==> flow/design.v <==
module data_mux (i_clk, in_in, choose_in, data_out_out);
   parameter BITS = 24;
   parameter INPUTS = 3;
   input i_clk;
   input [INPUTS*BITS-1:0] in_in;
   input [INPUTS-1:0] choose_in;
   output reg [BITS-1:0] data_out_out;
   reg [BITS-1:0] t;
   integer i;
   always @* begin
      t = 0;
      for (i = INPUTS-1; i >= 0; i = i - 1)
         if (choose_in[i]) t = in_in[i*BITS +: BITS];
   end
   always @(posedge i_clk)
      data_out_out <= t;
endmodule
* Reports on data_mux
The steps from the RTL of data_mux to its reports follow in flow order. Line numbers count from 1 in the design file above. Operators: Yosys type, input widths -> output width; for muxes data width and select width s. Library cell names are shortened. Not given: n/a
Design: top module data_mux, clock i_clk, standard-cell library sky130hd, library corner tt_025C_1v80

* After elaboration
Yosys after proc, flatten, opt, wreduce and memory -nomap, before mapping. Enables and synchronous resets that opt folds into registers are not counted as muxes. Memory bits, and registers merged into a memory's read port (data or address), are not among the register bits. Print and check cells are not counted. Equal cells are merged and count once.
Storage and ports: bits in registers 24, bits in latches 0, RAM bits 0, bits in read-only memories 0, clocked read ports x word width 0, memory cells 0, input bits 76, output and inout bits 24, cells after elaboration 4
Operators by class: add/subtract/negate cells 0, $mul 0, divide/modulo/power cells 0, order comparisons 0, eq/ne operators 0, shift-type cells 0, multiplexer cells 3, bitwise operators 0, reductions and logical operators 0
Operator list (count):
- $mux 24 | 3

* Longest topological paths
Depth = most cells in a row (Yosys ltp): at word level without a register or memory, in the mapped netlist without a sequential cell, where the memories' decode and read muxes count.
Logic depth: word-level depth 3, ABC_AREA 0, mapped depth 4, mapped depth without buffers 2

* Netlist
Source: synth_stat.txt of the flow (Yosys; design flattened, memories mapped). It holds for the ABC_AREA given above (unset counts as 0); a run with the other value may have another netlist.
Cell types:
- dfxtp_1 | count 24, total area 480.461 um2
- a21oi_2 | count 42, total area 367.853 um2
- nand3b_1 | count 24, total area 180.173 um2
- nor2b_1 | count 24, total area 150.144 um2
- buf_6 | count 5, total area 56.304 um2
- buf_12 | count 2, total area 40.038 um2
- a21oi_1 | count 6, total area 30.029 um2
- buf_2 | count 2, total area 10.01 um2
- buf_4 | count 1, total area 7.507 um2
- clkbuf_1 | count 2, total area 7.507 um2
Synthesis totals: cell count 132, mapped area 1330.0 um2, sequential part of the area 480.5 um2, flip-flop cells 24, buffer cells 12

* Timing after synthesis
Path of least setup slack by OpenSTA after synthesis, without wires, with an ideal clock, recovery checks aside; 20% of the period is set as input and as output delay. Where synthesis merged equal registers, the netlist keeps one of their names.
Timing path after synthesis: path type in2reg, from input port (name not given), to register data_out_out[10], period 880 ps, external input delay 176 ps, library setup time 117 ps, launch time at the first pin 176 ps, arrival time 622 ps, data required time 763 ps, slack 142 ps, delay of the path 563 ps, stages on the path 4, path buffers 2, synthesis period reached 738 ps
"delay of the path" = arrival - input delay + setup time. "stages on the path": output pins that drive a net of the path, with the launching flip-flop's if there is one; two outputs of one cell count as two. "synthesis period reached" = period - worst setup slack (recovery checks aside). The figure is calculated, with input and output delays left at 20% of the set period. The rows between start and end are the longest chain of elaborated cells between them; the timing report does not say that the signal goes this way. Where chains are equally long, one stands for them. Each line given opens the expression or statement behind the cell; cells for indexed reads and writes are added by Yosys, which also makes memories of some case tables.
On the way, after synthesis: cells stage by stage buf_4 buf_6 a21oi_2 a21oi_2, cells in the longest elaborated chain 1, elaborated cells between the ends (all ways) 1, RTL lines with such cells 1, classes of those cells mux: 1
Ends and longest elaborated chain, after synthesis:
- start, declared | line 6
- $mux 24 | line 13
- end, assigned | line 16 | data_out_out <= t;
- end, declared | line 7 | output reg [BITS-1:0] data_out_out;

* Timing after layout
From the final timing report of flow run B: the path of least setup slack in the routed layout; clock arrival at registers is part of the times. The report prints the path's times to 10 ps; the period is as set.
Timing path after layout: path type reg2out, from register data_out_out[4], to output port data_out_out[4], period 880 ps, external output delay 180 ps, launch time at the first pin 310 ps, arrival time 780 ps, data required time 700 ps, slack -80 ps, stages on the path 2, path buffers 1
On the way, after layout: cells stage by stage dfxtp_2 buf_6, cells in the longest elaborated chain 0, elaborated cells between the ends (all ways) 0, RTL lines with such cells 0
Ends and longest elaborated chain, after layout:
- start, declared | line 7 | output reg [BITS-1:0] data_out_out;
- start, assigned | line 16 | data_out_out <= t;
- end, declared | line 7

Appendix: measured runs

Stored flow runs of data_mux (3 of them; Yosys, OpenROAD, sky130hd). They differ in their settings and are not a sequence. Constraints: input delay and output delay 20% of the set period each, output load 0.01 pF.
"achieved clock period" is the run's clock period less its worst setup slack. It is reckoned from that one timing run; input and output delays stay at 20% of the period that was set.
By "power consumption" is meant OpenSTA's value without simulated activity: inputs other than the clock are taken to toggle once in ten clock periods, and the tool carries that through the logic.

* Flow run A | settings: period_ns 1.16; CORE_UTILIZATION 42; PLACE_DENSITY_LB_ADDON 0.15; CELL_PAD_IN_SITES_GLOBAL_PLACEMENT 2; TNS_END_PERCENT 85; ABC_AREA 0; CTS_CLUSTER_SIZE 24; CTS_CLUSTER_DIAMETER 110; CAP_MARGIN 20; CORE_MARGIN 2; SLEW_MARGIN 20 | no results, placement failed with FLW-0024
* Flow run B | settings: period_ns 0.88; CAP_MARGIN 20; CORE_MARGIN 2; CORE_UTILIZATION 40; SLEW_MARGIN 20 | results: standard-cell area after layout 2382.3 um2; smallest setup slack -77 ps; full die area 3802.6 um2; power consumption 2.959 mW; achieved clock period 957 ps; Yosys chip area after synthesis 1330.0 um2; utilization in the final report 76.8%; sum of negative setup slack -1412 ps
* Flow run C | settings: period_ns 0.484; CORE_UTILIZATION 26; SETUP_SLACK_MARGIN 0.13; PLACE_DENSITY_LB_ADDON 0.27; CORE_ASPECT_RATIO 1.27; CORE_MARGIN 4; ABC_AREA 1; GPL_ROUTABILITY_DRIVEN 0; MIN_ROUTING_LAYER met1; CAP_MARGIN 20; SLEW_MARGIN 20 | results: standard-cell area after layout 2803.9 um2; smallest setup slack -314 ps; full die area 5951.0 um2; power consumption 5.497 mW; achieved clock period 798 ps; Yosys chip area after synthesis 1241.2 um2; utilization in the final report 60.6%; sum of negative setup slack -7815 ps
